==> flow/design.v <==
module mplex_stage (clk, resetn, d0_in, d1_in, d2_in, d3_in, d4_in, d5_in, d6_in, d7_in, d8_in, d9_in, choose_in, o_out);
  parameter DATA_W = 10;
  input clk;
  input resetn;
  input [DATA_W-1:0] d0_in;
  input [DATA_W-1:0] d1_in;
  input [DATA_W-1:0] d2_in;
  input [DATA_W-1:0] d3_in;
  input [DATA_W-1:0] d4_in;
  input [DATA_W-1:0] d5_in;
  input [DATA_W-1:0] d6_in;
  input [DATA_W-1:0] d7_in;
  input [DATA_W-1:0] d8_in;
  input [DATA_W-1:0] d9_in;
  input [3:0] choose_in;
  output [DATA_W-1:0] o_out;
  reg [DATA_W-1:0] d0_q;
  reg [DATA_W-1:0] d1_q;
  reg [DATA_W-1:0] d2_q;
  reg [DATA_W-1:0] d3_q;
  reg [DATA_W-1:0] d4_q;
  reg [DATA_W-1:0] d5_q;
  reg [DATA_W-1:0] d6_q;
  reg [DATA_W-1:0] d7_q;
  reg [DATA_W-1:0] d8_q;
  reg [DATA_W-1:0] d9_q;
  reg [3:0] choose_q;
  reg [DATA_W-1:0] work;
  always @* begin
    case (choose_q)
      0: work = d0_q;
      1: work = d1_q;
      2: work = d2_q;
      3: work = d3_q;
      4: work = d4_q;
      5: work = d5_q;
      6: work = d6_q;
      7: work = d7_q;
      8: work = d8_q;
      default: work = d9_q;
    endcase
  end
  assign o_out = work;
  always @(posedge clk) begin
    if (~resetn) begin
      d0_q <= 0;
      d1_q <= 0;
      d2_q <= 0;
      d3_q <= 0;
      d4_q <= 0;
      d5_q <= 0;
      d6_q <= 0;
      d7_q <= 0;
      d8_q <= 0;
      d9_q <= 0;
      choose_q <= 0;
    end else begin
      d0_q <= d0_in;
      d1_q <= d1_in;
      d2_q <= d2_in;
      d3_q <= d3_in;
      d4_q <= d4_in;
      d5_q <= d5_in;
      d6_q <= d6_in;
      d7_q <= d7_in;
      d8_q <= d8_in;
      d9_q <= d9_in;
      choose_q <= choose_in;
    end
  end
endmodule
-- Reports on mplex_stage
The steps from the RTL of mplex_stage to its reports follow in flow order.
Line numbers count from 1 in the design file above.
Operators: Yosys type, input widths -> output width; for muxes data width and select width s.
Library cell names are shortened.
A cell with -- has no value.
- design top: mplex_stage
- clock input: clk
- standard-cell library: sky130hd
- library corner: tt_025C_1v80

-- Elaborated design
Source: Yosys, flattened and elaborated, memories not mapped. Widths are those after wreduce; folded enables and synchronous resets count as part of the registers. Registers that Yosys merges into a memory's read port (data or address) are not register bits. Print and check cells do not count. Equal cells are merged and count once.
- noted flip-flop bits (word level): 104
- input port bits at 106
- noted equal/unequal tests: 8
- muxes and demuxes at 1
- noted reductions and logical operators: 1
- operator list (operator ; number):
    $pmux 10 s9 ; 1
    $eq 4x3->1 const B ; 4
    $eq 4x2->1 const B ; 2
    $eq 4x1->1 const B ; 1
    $eq 4x4->1 const B ; 1
    $logic_not 4->1 ; 1

-- Depth
Yosys ltp: most cells in a row. Word level: on the elaborated netlist, between registers, memories and ports. Mapped: between sequential cells and ports; inverters and the memories' decode and read muxes count.
- noted depth in word-level cells: 2
- ABC_AREA: 1
- noted gate-level depth with buffers: 7
- noted gate-level depth less buffers: 7

-- After synthesis
Source: synth_stat.txt of the flow (Yosys; design flattened, memories mapped). It holds for the ABC_AREA given above (unset counts as 0); a run with the other value may have another netlist.
- cells in the netlist: 524
- noted chip area (Yosys): 0.0038262 mm^2
- noted area of sequential cells: 0.002082 mm^2
- noted flip-flop cells: 104
- buffers at 26
- cell types (cell type ; number ; total area (um^2)):
    dfxtp_1 ; 104 ; 2.08E+03
    nand3_1 ; 107 ; 535.514
    nand2_1 ; 135 ; 506.736
    inv_1 ; 113 ; 424.157
    nor2_1 ; 33 ; 123.869
    buf_2 ; 21 ; 105.101
    clkbuf_1 ; 5 ; 18.768
    inv_2 ; 3 ; 11.261
    a21oi_2 ; 1 ; 8.758
    nor2_2 ; 1 ; 6.256
    clkinv_1 ; 1 ; 3.754

-- Timing after synthesis
OpenSTA on the mapped netlist: ideal clock, no wires. The path of least setup slack (recovery checks aside). Input and output delay are each 20% of the period. Register names are those of the netlist, which keeps one name where synthesis merged equal registers.
- path kind: flip-flop to output port
- start: register (name not given)
- end: output port o_out[0]
- clock period: 2.13 ns
- external output delay at 0.426 ns
- launch time at the first pin: 0.000 ns
- arrival time: 1.023 ns
- required time at 1.704 ns
- slack: 0.681 ns
- delay of the path: 1.023 ns
- stages: 7
- synthesis period reached: 1.449 ns
"delay of the path" is the arrival time less input delay plus setup time.
At an output port there is no setup time.
"stages" counts driving pins, that of a launching flip-flop among them; a cell with two outputs on the path counts twice.
"synthesis period reached" = period - worst setup slack (recovery checks aside). The figure is calculated, with input and output delays left at 20% of the set period.
The rows between start and end are the longest chain of elaborated cells between them; the timing report does not say that the signal goes this way. Where chains are equally long, one stands for them.
Each line given opens the expression or statement behind the cell; cells for indexed reads and writes are added by Yosys, which also makes memories of some case tables.
- cells stage by stage: dfxtp_1 -> nor2_1 -> buf_2 -> nand3_1 -> nand2_1 -> nor2_1 -> nand3_1
- noted cells in the longest elaborated chain: 2
- elaborated cells between the ends (all ways): 10
- RTL lines with such cells: 1
- ends and longest elaborated chain, after synthesis (item ; RTL line ; RTL):
    start, declared ; 27 ;
    start, assigned ; 56 ;
    start, assigned ; 68 ;
    $eq 4x4->1 ; 30 ;
    $pmux 10 s9 ; 30 ;
    end, declared ; 16 ; output [DATA_W-1:0] o_out;

-- Timing after layout
From the final timing report of run B: the path of least setup slack in the routed layout; clock arrival at registers is part of the times.
- path kind: flip-flop to output port
- start: register (name not given)
- end: output port o_out[3]
- clock period: 1.07 ns
- external output delay at 0.21 ns
- launch time at the first pin: 0.34 ns
- arrival time: 1.66 ns
- required time at 0.86 ns
- slack: -0.81 ns
- stages: 11
The rows between start and end are the longest chain of elaborated cells between them; the timing report does not say that the signal goes this way. Where chains are equally long, one stands for them.
- cells stage by stage: dfxtp_4 -> buf_6 -> nand2_4 -> nor2_4 -> buf_4 -> buf_4 -> nand2_1 -> nand2_1 -> nor2_1 -> nand3_1 -> buf_2
- noted cells in the longest elaborated chain: 2
- elaborated cells between the ends (all ways): 10
- RTL lines with such cells: 1
- ends and longest elaborated chain, post-layout (item ; RTL line ; RTL):
    start, declared ; 27 ;
    start, assigned ; 56 ;
    start, assigned ; 68 ;
    $eq 4x4->1 ; 30 ;
    $pmux 10 s9 ; 30 ;
    end, declared ; 16 ; output [DATA_W-1:0] o_out;

Appendix: measured runs

mplex_stage through Yosys and OpenROAD on sky130hd: 3 stored runs, unordered, with their settings and measured results. The constraints put input and output delay at 20% of the set period each and load the outputs with 0.01 pF.
"clock period reached" = clock period - worst setup slack. The figure is calculated, with input and output delays left at 20% of the set period.
"time used up by the worst setup path" means the part of the period allowed to the worst setup path (the constraints hold back 20% at inputs and 20% at outputs) less its slack; where the path has registers, the arrival times of their clocks count too.
"total power of the final layout": no workload was simulated; the value follows from the tool's default switching activity.

Run A

==> flow/run.sh <==
#!/bin/bash
# the make line also repeats the synthesis and layout settings of config.mk as NAME=value (left out here)
make -C /OpenROAD-flow-scripts/flow DESIGN_CONFIG=/design/flow/config.mk WORK_HOME=/design/flow/orfs CLKGATE_MAP_FILE= finish
==> flow/config.mk <==
export PLATFORM = sky130hd
export DESIGN_NAME = mplex_stage
export DESIGN_NICKNAME = mplex_stage
export VERILOG_FILES = /design/flow/design.v
export SDC_FILE = /design/flow/constraint.sdc
export NUM_CORES = 4
export LEC_CHECK = 0
export CAP_MARGIN = 25
export CELL_PAD_IN_SITES_DETAIL_PLACEMENT = 2
export CELL_PAD_IN_SITES_GLOBAL_PLACEMENT = 3
export CORE_ASPECT_RATIO = 0.51
export CORE_MARGIN = 3
export CORE_UTILIZATION = 56
export GPL_ROUTABILITY_DRIVEN = 0
export MAX_ROUTING_LAYER = met5
export PLACE_DENSITY_LB_ADDON = 0.13
export SLEW_MARGIN = 5
==> flow/constraint.sdc <==
create_clock -name core_clock -period 1.07 [get_ports {clk}]
set_input_delay 0.2140 -clock core_clock [delete_from_list [all_inputs] [get_ports {clk}]]
set_output_delay 0.2140 -clock core_clock [all_outputs]
set_load 0.01 [all_outputs]

Run A: did not finish, placement stopped with FLW-0024.

Run B

==> flow/run.sh <==
#!/bin/bash
# the make line also repeats the synthesis and layout settings of config.mk as NAME=value (left out here)
make -C /OpenROAD-flow-scripts/flow DESIGN_CONFIG=/design/flow/config.mk WORK_HOME=/design/flow/orfs CLKGATE_MAP_FILE= finish
==> flow/config.mk <==
export PLATFORM = sky130hd
export DESIGN_NAME = mplex_stage
export DESIGN_NICKNAME = mplex_stage
export VERILOG_FILES = /design/flow/design.v
export SDC_FILE = /design/flow/constraint.sdc
export NUM_CORES = 4
export LEC_CHECK = 0
export ABC_AREA = 1
export CAP_MARGIN = 20
export CORE_ASPECT_RATIO = 0.6
export CORE_MARGIN = 4
export CORE_UTILIZATION = 45
export SLEW_MARGIN = 20
==> flow/constraint.sdc <==
create_clock -name core_clock -period 1.07 [get_ports {clk}]
set_input_delay 0.2140 -clock core_clock [delete_from_list [all_inputs] [get_ports {clk}]]
set_output_delay 0.2140 -clock core_clock [all_outputs]
set_load 0.01 [all_outputs]

Measured in run B:
- final worst hold slack: 0.198 ns
- time used up by the worst setup path at 1.66 ns
- kind of the worst setup path: flip-flop to output port
- final setup TNS at -7.351 ns
- utilization after layout at 73.6 %
- noted the total power of the final layout: 0.008835 W
- noted the netlist area reported by Yosys: 0.0038262 mm^2
- worst setup slack after layout at -0.805 ns
- die area at 0.0100902 mm^2
- clock period reached: 1.875 ns

Run C

==> flow/run.sh <==
#!/bin/bash
# the make line also repeats the synthesis and layout settings of config.mk as NAME=value (left out here)
make -C /OpenROAD-flow-scripts/flow DESIGN_CONFIG=/design/flow/config.mk WORK_HOME=/design/flow/orfs CLKGATE_MAP_FILE= finish
==> flow/config.mk <==
export PLATFORM = sky130hd
export DESIGN_NAME = mplex_stage
export DESIGN_NICKNAME = mplex_stage
export VERILOG_FILES = /design/flow/design.v
export SDC_FILE = /design/flow/constraint.sdc
export NUM_CORES = 4
export LEC_CHECK = 0
export CAP_MARGIN = 20
export CORE_MARGIN = 2
export CORE_UTILIZATION = 40
export SLEW_MARGIN = 20
==> flow/constraint.sdc <==
create_clock -name core_clock -period 2.13 [get_ports {clk}]
set_input_delay 0.4260 -clock core_clock [delete_from_list [all_inputs] [get_ports {clk}]]
set_output_delay 0.4260 -clock core_clock [all_outputs]
set_load 0.01 [all_outputs]

Measured in run C:
- time used up by the worst setup path at 1.91 ns
- kind of the worst setup path: flip-flop to output port
- final worst hold slack: 0.558 ns
- die area at 0.010041 mm^2
- noted the netlist area reported by Yosys: 0.0037023 mm^2
- noted the total power of the final layout: 0.003945 W
- clock period reached: 2.333 ns
- worst setup slack after layout at -0.203 ns
- utilization after layout at 62.0 %
- final setup TNS at -1.472 ns
